==> flow/design.v <==
module reg_word #(parameter N = 8) (
    input wire clk,
    input wire en,
    input wire [N-1:0] d,
    output reg [N-1:0] q
);
    always @(posedge clk)
        if (en) q <= d;
endmodule
module mem_p #(
    parameter NUM_REGS = 16,
    parameter DATA_W = 10,
    parameter RP = 4,
    parameter ADDR_W = $clog2(NUM_REGS)
) (
    input i_clk,
    input in_wr_en,
    input [ADDR_W-1:0] in_write_addr,
    input [DATA_W-1:0] in_wd,
    input [RP*ADDR_W-1:0] in_read_addr,
    output reg [RP*DATA_W-1:0] out_rd
);
    wire [NUM_REGS*DATA_W-1:0] array;
    genvar ii;
    generate
        for (ii = 0; ii < NUM_REGS; ii = ii + 1) begin : row
            reg_word #(.N(DATA_W)) i_sub (.clk(i_clk), .en(in_wr_en && in_write_addr == ii), .d(in_wd), .q(array[ii*DATA_W +: DATA_W]));
        end
    endgenerate
    wire [RP*DATA_W-1:0] cur;
    genvar m;
    generate
        for (m = 0; m < RP; m = m + 1) begin : gen
            assign cur[m*DATA_W +: DATA_W] = array[in_read_addr[m*ADDR_W +: ADDR_W]*DATA_W +: DATA_W];
        end
    endgenerate
    always @(posedge i_clk) begin
        out_rd <= cur;
    end
endmodule
## Tool chain data of mem_p

What the tools print for mem_p, step after step.
Lines are those of the file above, counted from 1.
Library cell names are shortened.
A cell with - has no value.

- Design top: mem_p
- Clock: i_clk
- Cell library: sky130hd
- Corner: tt_025C_1v80

## Word level

Counts by Yosys on the flattened word-level netlist (proc, flatten, opt, wreduce; memories kept). Register bits leave out memories and registers merged into their read ports (data or address); mux counts leave out enables and synchronous resets folded into registers. Print and check cells are left out. Cells with the same type and inputs are merged into one.

- Reduce/logical cells: 17
- Equality and inequality tests: 15
- Shift operators: 4
- Multipliers: 4

Operators by type and width:

| kind | number |
|---|---|
| variable part select 160 x 9 -> 10 bit | 4 |
| multiplier 4 x 3 -> 7 bit (second input constant) | 4 |
| == test 4 bit (second input constant) | 8 |
| logical AND 1 bit | 16 |
| == test 4 x 3 -> 1 bit (second input constant) | 4 |
| == test 4 x 2 -> 1 bit (second input constant) | 2 |
| == test 4 x 1 -> 1 bit (second input constant) | 1 |
| zero test 4 bit | 1 |

- Bits of input ports: 32
- Output and inout bits: 40
- Register bits after elaboration: 200

## Logic depth

Yosys ltp: most cells in a row. Word level: on the elaborated netlist, between registers, memories and ports. Mapped: between sequential cells and ports; inverters and the memories' decode and read muxes count.

- Depth in word-level cells: 2
- ABC_AREA: 0
- Depth in mapped cells: 5
- Mapped depth without buffers: 3

## After synthesis

The flow's flattened synthesis, as Yosys stat reports it; memories are mapped. The netlist is that of the ABC_AREA named above (0 if unset); the other value can give another one.
The area totals of this step are shown rounded.

Cells by type:

| cell type | number |
|---|---|
| edfxtp_1 | 160 |
| mux4_2 | 112 |
| mux4_1 | 48 |
| dfxtp_1 | 40 |
| a22oi_1 | 80 |
| nand2_1 | 41 |
| buf_8 | 8 |
| buf_1 | 20 |
| buf_4 | 8 |
| nor2_1 | 16 |
| nor2b_1 | 8 |
| buf_6 | 4 |
| clkbuf_1 | 8 |
| and2_1 | 4 |
| nor3_1 | 4 |
| nand3b_1 | 2 |
| nand2b_1 | 2 |
| or3b_1 | 1 |
| nand3_1 | 1 |

- Standard cells after synthesis: 567
- Flip-flops: 200
- Cell area after synthesis: 10670 µm²
- Sequential part of the area: 5605 µm²

By module: a second synthesis without flattening, with its own total; a netlist apart from the flattened one above.

- Cell total of the unflattened synthesis: 567
- Area (unflattened synthesis): 10670 µm²

Rows give one instance, submodules left out.

Modules:

| module | sequential area (µm²) | area (µm²) | cells | times used |
|---|---|---|---|---|
| mem_p | 800.8 | 5866 | 407 | 1 |
| reg_word #(N=10) | 300.3 | 300.3 | 10 | 16 |

## Worst setup path after synthesis

Path of least setup slack by OpenSTA after synthesis, without wires, with an ideal clock, recovery checks aside; 20% of the period is set as input and as output delay. Where synthesis merged equal registers, the netlist keeps one of their names.

- Kind: input to register
- Start point: input in_write_addr[3]
- End point: register row[0].i_sub.q[0]
- Data required time: 2.050 ns
- Setup time: 0.390 ns
- Slack: 0.391 ns
- Delay of the path: 1.561 ns
- Path buffers: 0
- Arrival: 1.659 ns
- Stages: 2
- Clock period: 2.44 ns
- Synthesis period reached: 2.049 ns

"delay of the path" = arrival - input delay + setup time.
"stages" counts driving pins, that of a launching flip-flop among them; a cell with two outputs on the path counts twice.
"synthesis period reached" is the clock period less the worst setup slack; recovery checks do not enter. This is arithmetic on one report: input and output delays are still those of the set period (20% each).
Between the ends stands the longest chain of elaborated cells between them, by number of cells; it is not shown to be the way that was timed. Of several equally long chains one is given.
Each line given opens the expression or statement behind the cell; cells for indexed reads and writes are added by Yosys, which also makes memories of some case tables.

- Cells stage by stage: or3b_1 -> nor3_1
- Length of the longest elaborated chain: 2

RTL lines, path after synthesis:

| what | RTL line | text |
|---|---|---|
| start, declared | 18 | `input [ADDR_W-1:0] in_write_addr,` |
| zero test 4 bit | 27 | `reg_word #(.N(DATA_W)) i_sub (.clk(i_clk), .en(in_wr_en && in_write_addr == ii), .d(in_wd), .q(array[ii*DATA_W ...` |
| logical AND 1 bit | 27 |  |
| end, assigned | 8 | `if (en) q <= d;` |
| end, declared | 5 | `output reg [N-1:0] q` |

## Timing after layout

From the final timing report of flow run A: the path of least setup slack in the routed layout; clock arrival at registers is part of the times.

- Kind: register to output
- Start point: register out_rd[9]
- End point: output out_rd[9]
- Data required time: 1.95 ns
- Stages: 2
- Path buffers: 1
- Arrival: 1.38 ns
- Clock period: 2.44 ns
- Slack: 0.57 ns

- Cells stage by stage: dfxtp_1 -> clkdlybuf4s50_1
- Length of the longest elaborated chain: 0

RTL lines, path post-layout:

| what | RTL line | text |
|---|---|---|
| start, declared | 21 | `output reg [RP*DATA_W-1:0] out_rd` |
| start, assigned | 38 | `out_rd <= cur;` |
| end, declared | 21 |  |

Wiki page: mem_p / flow data

3 stored runs of mem_p in the flow (synthesis by Yosys, layout by OpenROAD, sky130hd cells), in arbitrary order. Constraints: input delay and output delay 20% of the set period each, output load 0.01 pF.
"period reached" = clock period - worst setup slack. The figure is calculated, with input and output delays left at 20% of the set period.
By "time on the worst setup path" is meant the share of the clock period that the worst setup path is allowed (20% is reserved at inputs, 20% at outputs), minus its slack. Clock arrival times at its registers enter into it.
"power consumption" is the tool's figure for a default switching activity; nothing was simulated.
The results are shown rounded.
Settings: -- = not set for that run.

| name | flow run A | flow run B | flow run C |
|---|---|---|---|
| period_ns | 2.44 | 3.44 | 1.71 |
| CAP_MARGIN | 20 | 20 | 40 |
| CORE_MARGIN | 2 | 2 | 6 |
| CORE_UTILIZATION | 40 | 29 | 59 |
| SLEW_MARGIN | 20 | 20 | 20 |
| PLACE_DENSITY_LB_ADDON | -- | 0.08 | -- |
| CORE_ASPECT_RATIO | -- | 1.73 | 1.34 |
| CTS_CLUSTER_SIZE | -- | 29 | -- |
| MIN_ROUTING_LAYER | -- | met2 | -- |
| MAX_ROUTING_LAYER | -- | met4 | -- |
| SETUP_SLACK_MARGIN | -- | -- | 0.17 |
| GPL_ROUTABILITY_DRIVEN | -- | -- | 1 |
| CTS_CLUSTER_DIAMETER | -- | -- | 353 |
| mapped cell area after synthesis (µm²) | 10670 | 10670 | 10670 |
| die size (µm²) | 28000 | 38400 | 21490 |
| standard-cell area after routing (µm²) | 12450 | 12760 | 13170 |
| final utilization (%) | 47.6 | 35.1 | 74.9 |
| worst setup slack after layout (ns) | 0.574 | 1.350 | 0.144 |
| post-route setup TNS (ns) | 0.000 | 0.000 | 0.000 |
| lowest hold slack (ns) | 0.749 | 0.746 | 0.562 |
| power consumption (µW) | 7672 | 5772 | 11270 |
| period reached (ns) | 1.866 | 2.090 | 1.566 |
| time on the worst setup path (ns) | 1.38 | 1.40 | 1.57 |
| type of the worst setup path | register to output | input to register | register to register |
